==> flow/design.v <==
module times_mod #(
  parameter DWIDTH = 5,
  parameter SCALE = 683,
  parameter OUT_W = DWIDTH + $clog2(SCALE + 1)
) (
  input logic clk,
  input logic [DWIDTH-1:0] x,
  output logic [OUT_W-1:0] result
);
  logic [DWIDTH-1:0] x_d1;
  always_ff @(posedge clk) begin
    x_d1 <= x;
  end
  logic [OUT_W-1:0] tmp;
  always_comb begin
    tmp = '0;
    for (int n = 0; n < OUT_W - DWIDTH; n++)
      if ((SCALE >> n) & 1) tmp = tmp + (x_d1 << n);
  end
  assign result = tmp;
endmodule
# Tool chain data of times_mod
# A sweep over "DWIDTH": the same steps for each member of the family.
# The file above is the member DWIDTH=5. Line numbers count from 1 in each member's own file.
# Cell names lack the library's common part.
# Not given: n/a
[inputs]
top_module = "times_mod"
clock_port = "clk"
library = "sky130hd"
pvt_corner = "tt_025C_1v80"

# Source of the members
# Lines of each other member's file that are new or changed against the file above; lines that a member lacks are not shown.
[changed_lines]
columns = ["DWIDTH", "line_no", "text"]
rows = [
  [7, 2, "parameter DWIDTH = 7,"],
  [8, 2, "parameter DWIDTH = 8,"],
  [12, 2, "parameter DWIDTH = 12,"],
]

# Word-level counts
# Counts by Yosys on the flattened word-level netlist (proc, flatten, opt, wreduce; memories kept). Register bits leave out memories and registers merged into their read ports (data or address); mux counts leave out enables and synchronous resets folded into registers. Print and check cells are left out. Cells with the same type and inputs are merged into one.
[classes]
columns = ["DWIDTH", "add_sub_neg"]
rows = [
  [5, 5],
  [7, 5],
  [8, 5],
  [12, 5],
]
[ops]
columns = ["DWIDTH", "op_list"]
rows = [
  [5, "adder 13 x 14 -> 15 bit: 1; adder 11 x 12 -> 13 bit: 1; adder 9 x 10 -> 11 bit: 1; adder 7 x 8 -> 9 bit: 1; adder 5 x 6 -> 7 bit: 1"],
  [7, "adder 15 x 16 -> 17 bit: 1; adder 13 x 14 -> 15 bit: 1; adder 11 x 12 -> 13 bit: 1; adder 9 x 10 -> 11 bit: 1; adder 7 x 8 -> 9 bit: 1"],
  [8, "adder 16 x 17 -> 18 bit: 1; adder 14 x 15 -> 16 bit: 1; adder 12 x 13 -> 14 bit: 1; adder 10 x 11 -> 12 bit: 1; adder 8 x 9 -> 10 bit: 1"],
  [12, "adder 20 x 21 -> 22 bit: 1; adder 18 x 19 -> 20 bit: 1; adder 16 x 17 -> 18 bit: 1; adder 14 x 15 -> 16 bit: 1; adder 12 x 13 -> 14 bit: 1"],
]
[bits]
columns = ["DWIDTH", "reg_bits", "in_bits", "output_inout_bits", "elab_cells"]
rows = [
  [5, 5, 6, 15, 6],
  [7, 7, 8, 17, 6],
  [8, 8, 9, 18, 6],
  [12, 12, 13, 22, 6],
]

# Logic depth
# Depth = most cells in a row (Yosys ltp): at word level without a register or memory, in the mapped netlist without a sequential cell, where the memories' decode and read muxes count.
[logic_depth]
columns = ["DWIDTH", "ltp_word", "abc_area", "ltp_mapped", "mapped_depth_nobuf"]
rows = [
  [5, 5, 0, 8, 8],
  [7, 5, 0, 11, 11],
  [8, 5, 0, 13, 13],
  [12, 5, 0, 15, 14],
]

# After synthesis
# Yosys stat after the flow's synthesis: flattened, memories mapped to cells. It holds for the ABC_AREA given above (unset counts as 0); a run with the other value may have another netlist.
[mapped]
columns = ["DWIDTH", "cells", "synth_area_um2", "seqArea_um2", "ffs", "n_buf"]
rows = [
  [5, 78, 688.2, 100.1, 5, 4],
  [7, 120, 1111.1, 140.1, 7, 3],
  [8, 150, 1422.6, 160.2, 8, 2],
  [12, 223, 2164.6, 240.2, 12, 4],
]
[types]
columns = ["DWIDTH", "type_list"]
rows = [
  [5, "ha_1: 12; dfxtp_1: 5; fa_1: 4; xnor2_1: 4; inv_1: 8; a21oi_1: 5; mux2i_1: 2; nand2b_1: 3; xor2_1: 2; nor2_1: 4; o21ai_0: 3; o21ai_1: 3; a211oi_2: 1; nor2b_1: 2; o22ai_1: 2; a2111o_1: 1; mux2_2: 1; buf_2: 2; [+14]"],
  [7, "ha_1: 24; fa_1: 9; dfxtp_1: 7; inv_1: 25; xnor2_1: 8; a21oi_1: 8; a21o_1: 4; o221ai_2: 2; xor2_1: 2; a21oi_4: 1; buf_4: 2; nand2_1: 4; nor2_1: 4; nand4_1: 2; mux2_2: 1; o32a_2: 1; a41o_1: 1; o21ai_0: 2; [+13]"],
  [8, "ha_1: 37; fa_1: 12; dfxtp_1: 8; inv_1: 23; xnor2_1: 8; o211ai_1: 5; a21oi_1: 7; nor2_1: 9; o41ai_2: 2; o21a_1: 3; nor3_1: 4; nor2b_1: 3; a221oi_1: 2; o211a_4: 1; nand2_1: 4; nand3_1: 3; or4_1: 2; and3_1: 2; [+15]"],
  [12, "fa_1: 30; ha_1: 43; dfxtp_1: 12; inv_1: 50; a21o_1: 10; a21oi_1: 14; xnor2_1: 8; xor2_1: 6; nand2_1: 7; nor2_1: 6; a31oi_4: 1; o21ai_0: 4; and4_1: 2; o41ai_1: 2; a221oi_2: 1; nand3_1: 3; a31oi_1: 2; o31ai_2: 1; [+21]"],
]
# A list marked [+n] leaves out that many cells.

# Path before layout
# Source: OpenSTA report_checks on the synthesized netlist (no wires, ideal clock, input and output delay 20% of the period each), path of least setup slack; recovery checks are left aside. Register names are those of the netlist, which keeps one name where synthesis merged equal registers.
[synth_timing]
columns = ["DWIDTH", "path_type", "start", "end", "period_ns", "setup_slack_ns", "driving_pins", "delay_ns", "period_less_setup_slack_ns"]
rows = [
  [5, "flip-flop to output port", "reg x_d1[0]", "out result[13]", 3.55, 0.568, 9, 2.272, 2.982],
  [7, "flip-flop to output port", "reg x_d1[0]", "out result[13]", 4.33, 0.695, 12, 2.769, 3.635],
  [8, "flip-flop to output port", "reg x_d1[2]", "out result[17]", 5.09, 0.813, 12, 3.259, 4.277],
  [12, "flip-flop to output port", "reg x_d1[2]", "out result[20]", 5.92, 0.947, 13, 3.789, 4.973],
]
# "delay_ns" is the arrival time less input delay plus setup time.
# A path that ends at an output port has no setup time.
# "driving_pins": output pins that drive a net of the path, with the launching flip-flop's if there is one; two outputs of one cell count as two.
# "period_less_setup_slack_ns" = period - worst setup slack (recovery checks aside). The figure is calculated, with input and output delays left at 20% of the set period.
# Between the ends stands the longest chain of elaborated cells between them, by number of cells; it is not shown to be the way that was timed. Of several equally long chains one is given.
# A line is the first line of the expression or statement that the cell stems from. Yosys adds cells for indexed reads and writes and turns some case tables into memories.
[synth_via_DWIDTH_5]
elab_chain_cells = 5
[synth_rtl_DWIDTH_5]
columns = ["element", "line_no", "text"]
rows = [
  ["start, declared", 10, "logic [DWIDTH-1:0] x_d1;"],
  ["start, assigned", 12, "x_d1 <= x;"],
  ["adder 5 x 6 -> 7 bit", 18, "if ((SCALE >> n) & 1) tmp = tmp + (x_d1 << n);"],
  ["adder 7 x 8 -> 9 bit", 18, ""],
  ["adder 9 x 10 -> 11 bit", 18, ""],
  ["adder 11 x 12 -> 13 bit", 18, ""],
  ["adder 13 x 14 -> 15 bit", 18, ""],
  ["end, declared", 8, "output logic [OUT_W-1:0] result"],
]
[synth_via_DWIDTH_12]
elab_chain_cells = 5
[synth_rtl_DWIDTH_12]
columns = ["element", "line_no", "text"]
rows = [
  ["start, declared", 10, "logic [DWIDTH-1:0] x_d1;"],
  ["start, assigned", 12, "x_d1 <= x;"],
  ["adder 12 x 13 -> 14 bit", 18, "if ((SCALE >> n) & 1) tmp = tmp + (x_d1 << n);"],
  ["adder 14 x 15 -> 16 bit", 18, ""],
  ["adder 16 x 17 -> 18 bit", 18, ""],
  ["adder 18 x 19 -> 20 bit", 18, ""],
  ["adder 20 x 21 -> 22 bit", 18, ""],
  ["end, declared", 8, "output logic [OUT_W-1:0] result"],
]

# Path in the finished layout
# From the final timing report of each member's run: the path of least setup slack in the routed layout; clock arrival at registers is part of the times.
[layout_timing]
columns = ["DWIDTH", "path_type", "start", "end", "period_ns", "setup_slack_ns", "driving_pins", "t_arrival_ns", "n_path_buf"]
rows = [
  [5, "flip-flop to output port", "reg x_d1[0]", "out result[13]", 3.55, 0.16, 11, 2.68, 2],
  [7, "flip-flop to output port", "reg x_d1[2]", "out result[11]", 4.33, 0.21, 10, 3.26, 1],
  [8, "flip-flop to output port", "reg x_d1[1]", "out result[12]", 5.09, 0.22, 13, 3.85, 1],
  [12, "flip-flop to output port", "reg x_d1[1]", "out result[19]", 5.92, 0.24, 15, 4.50, 2],
]

# Flow runs
# Settings and results of one run of the flow (Yosys, OpenROAD) for each member follow. The constraints put input and output delay at 20% of the set period each and load the outputs with 0.01 pF.
[settings]
CAP_MARGIN = 20
CORE_MARGIN = 2
CORE_UTILIZATION = 40
SLEW_MARGIN = 20
[settings_diff]
columns = ["DWIDTH", "period_ns"]
rows = [
  [5, 3.55],
  [7, 4.33],
  [8, 5.09],
  [12, 5.92],
]
[results]
columns = ["DWIDTH", "post_synth_area_um2", "dieArea_um2", "final_cell_area_um2", "layout_utilization_pct", "worstSetupSlack_ns", "final_hold_ws_ns", "power.total_uw", "period_less_ws_ns"]
rows = [
  [5, 688.2, 2068.0, 998.5, 64.0, 0.158, 0.906, 397.1, 3.392],
  [7, 1111.1, 3215.5, 1470.2, 54.7, 0.208, 1.066, 642.3, 4.122],
  [8, 1422.6, 4049.4, 1849.3, 55.0, 0.223, 1.203, 778.3, 4.867],
  [12, 2164.6, 6015.6, 2682.6, 51.9, 0.241, 1.392, 1182, 5.679],
]
# By "period_less_ws_ns" is meant the clock period of the run minus its worst setup slack. This is arithmetic on one report: input and output delays are still those of the set period (20% each).
# "power.total_uw" rests on the timing tool's default activity at the inputs, not on a simulated workload.
